==> flow/design.v <==
module aligner_n #(
    parameter DATA_WIDTH = 64,
    parameter SEL_WIDTH = $clog2(DATA_WIDTH)
) (
    input wire i_clk,
    input wire resetn,
    input wire step,
    input wire [DATA_WIDTH-1:0] in_in,
    input wire [SEL_WIDTH-1:0] in_count,
    output wire [DATA_WIDTH-1:0] out_data_out
);
    reg [DATA_WIDTH-1:0] in_r;
    reg [SEL_WIDTH-1:0] count_r;
    always @(posedge i_clk) begin
        if (!resetn) begin
            in_r <= 0;
            count_r <= 0;
        end else if (step) begin
            in_r <= in_in;
            count_r <= in_count;
        end
    end
    assign out_data_out = (in_r << count_r) | (in_r >> (DATA_WIDTH - count_r));
endmodule
# Step by step through the tools: aligner_n
# The steps from the RTL of aligner_n to its reports follow in flow order.
# Lines are those of the file above, counted from 1.
# Cell names lack the library's common part.
# A cell with n/a has no value.
# design
top_module,aligner_n
clock_port,i_clk
library,sky130hd
corner,tt_025C_1v80

# Elaborated design
# Counts by Yosys on the flattened word-level netlist (proc, flatten, opt, wreduce; memories kept). Register bits leave out memories and registers merged into their read ports (data or address); mux counts leave out enables and synchronous resets folded into registers. Print and check cells are left out. Cells with the same type and inputs are merged into one.
# bits
reg_bits,70
latchBits,0
ramBits,0
mem_bits_ro,0
clocked_rd_ports_x_width,0
memories,0
output_inout_bits,64
wordCells,6
# op_classes
addsub,1
mul,0
div_mod_pow,0
n_cmp,0
n_eq,0
shifts,2
muxes,0
bitwise,1
n_reduce_logical,0
# ops
operator,n
64-bit by 32-bit right shift with 64-bit output,1
64-bit by 6-bit << shifter with 64-bit output,1
64-bit bitwise OR,1
7-bit by 6-bit subtractor with 8-bit output (first input constant),1

# Logic depth
# Depth = most cells in a row (Yosys ltp): at word level without a register or memory, in the mapped netlist without a sequential cell, where the memories' decode and read muxes count.
# depth
ltp_word,3
ABC_AREA,0
depth_mapped,17
depth_no_buf,8

# Netlist
# Source: synth_stat.txt of the flow (Yosys; design flattened, memories mapped). It holds for the ABC_AREA given above (unset counts as 0); a run with the other value may have another netlist.
# The area totals of this step are shown rounded.
# synth_totals
cell_count,1375
area_um2,11960
ff_cells,70
buffers,148
# types
cell,n
mux2i_1,237
mux4_2,96
dfxtp_1,70
mux2_2,67
nor2b_1,77
nand2_1,128
nor2_1,111
o211ai_1,42
a21oi_1,55
buf_6,21
clkbuf_1,57
o21ai_0,42
buf_2,41
o22ai_1,31
a211oi_1,23
buf_4,18
a221oi_1,13
a22oi_1,14
# Not listed: further types 62, cells in them 232.

# Path before layout
# Path of least setup slack by OpenSTA after synthesis, without wires, with an ideal clock, recovery checks aside; 20% of the period is set as input and as output delay. Where synthesis merged equal registers, the netlist keeps one of their names.
# synth_timing
path_kind,reg-to-output
from,register count_r[0]
to,output port out_data_out[45]
tclk_ns,5.62
launch_ns,0.000
arrival_ns,3.599
required_time_ns,4.496
path_slack_ns,0.897
delay_ns,3.599
driving_pins,15
n_path_buf,6
synth_period_reached_ns,4.723
# "delay_ns" is the arrival time less input delay plus setup time.
# A path that ends at an output port has no setup time.
# "driving_pins": output pins that drive a net of the path, with the launching flip-flop's if there is one; two outputs of one cell count as two.
# "synth_period_reached_ns" = period - worst setup slack (recovery checks aside). The figure is calculated, with input and output delays left at 20% of the set period.
# The rows between start and end are the longest chain of elaborated cells between them; the timing report does not say that the signal goes this way. Where chains are equally long, one stands for them.
# A line is the first line of the expression or statement that the cell stems from. Yosys adds cells for indexed reads and writes and turns some case tables into memories.
# synth_via
cell_sequence,dfxtp_1 > buf_4 > inv_2 > buf_4 > buf_2 > buf_2 > buf_2 > ha_1 > buf_6 > mux2_1 > mux4_2 > and3_4 > a211oi_2 > nor2_1 > or4_1
elab_chain_cells,3
# synth_rtl
element,line,text
"start, declared",13,reg [SEL_WIDTH-1:0] count_r;
"start, assigned",17,count_r <= 0;
"start, assigned",20,count_r <= in_count;
7-bit by 6-bit subtractor with 8-bit output,23,assign out_data_out = (in_r << count_r) | (in_r >> (DATA_WIDTH - count_r));
64-bit by 32-bit right shift with 64-bit output,23,
64-bit bitwise OR,23,
"end, declared",10,output wire [DATA_WIDTH-1:0] out_data_out

# Path in the finished layout
# From the final timing report of record 1: the path of least setup slack in the routed layout; clock arrival at registers is part of the times.
# layout_timing
path_kind,reg-to-output
from,register count_r[0]
to,output port out_data_out[48]
tclk_ns,5.62
launch_ns,0.36
arrival_ns,4.34
required_time_ns,4.50
path_slack_ns,0.16
driving_pins,11
n_path_buf,2
# The rows between start and end are the longest chain of elaborated cells between them; the timing report does not say that the signal goes this way. Where chains are equally long, one stands for them.
# layout_via
cell_sequence,dfxtp_4 > inv_4 > ha_4 > buf_4 > mux2i_1 > mux4_2 > mux2_2 > nor2_1 > nor2_1 > a221oi_1 > clkdlybuf4s50_1
elab_chain_cells,3
# layout_rtl
element,line,text
"start, declared",13,reg [SEL_WIDTH-1:0] count_r;
"start, assigned",17,count_r <= 0;
"start, assigned",20,count_r <= in_count;
7-bit by 6-bit subtractor with 8-bit output,23,assign out_data_out = (in_r << count_r) | (in_r >> (DATA_WIDTH - count_r));
64-bit by 32-bit right shift with 64-bit output,23,
64-bit bitwise OR,23,
"end, declared",10,output wire [DATA_WIDTH-1:0] out_data_out

# Measured results for aligner_n: 2 stored runs of the Yosys and OpenROAD flow on sky130hd. The settings differ; the order carries no meaning. The constraints put input and output delay at 20% of the set period each and load the outputs with 0.01 pF.
# "achieved_clock_period_ns" = clock period - worst setup slack. The figure is calculated, with input and output delays left at 20% of the set period.
# "worst_path_time_ns" means the part of the period allowed to the worst setup path (the constraints hold back 20% at inputs and 20% at outputs) less its slack; where the path has registers, the arrival times of their clocks count too.
# "totalPower_mw": no workload was simulated; the value follows from the tool's default switching activity.
# The results are shown rounded.
# Among the settings, n/a means not set for that run.
# A result given as n/a is not shown for that run.
run,period_ns,CAP_MARGIN,CORE_MARGIN,CORE_UTILIZATION,SLEW_MARGIN,PLACE_DENSITY_LB_ADDON,CELL_PAD_IN_SITES_GLOBAL_PLACEMENT,CELL_PAD_IN_SITES_DETAIL_PLACEMENT,TNS_END_PERCENT,CTS_CLUSTER_SIZE,CTS_CLUSTER_DIAMETER,layout_stdcell_area_um2,ys_area_um2,fin_ws_ns,design.die.area_um2,worst_path_time_ns,worst_path_kind,final_util_pct,final_setup_tns_ns,achieved_clock_period_ns,totalPower_mw,worst_hold_slack_ns
record 1,5.62,20,2,40,20,n/a,n/a,n/a,n/a,n/a,n/a,13840,11960,0.159,31310,4.34,reg-to-output,46.8,0.000,5.461,3.074,0.597
record 2,3.86,20,2,66,20,0.11,3,2,80,26,184,n/a,n/a,n/a,n/a,n/a,n/a,n/a,n/a,n/a,n/a,n/a
# Record 2: not finished: placement ended with error FLW-0024
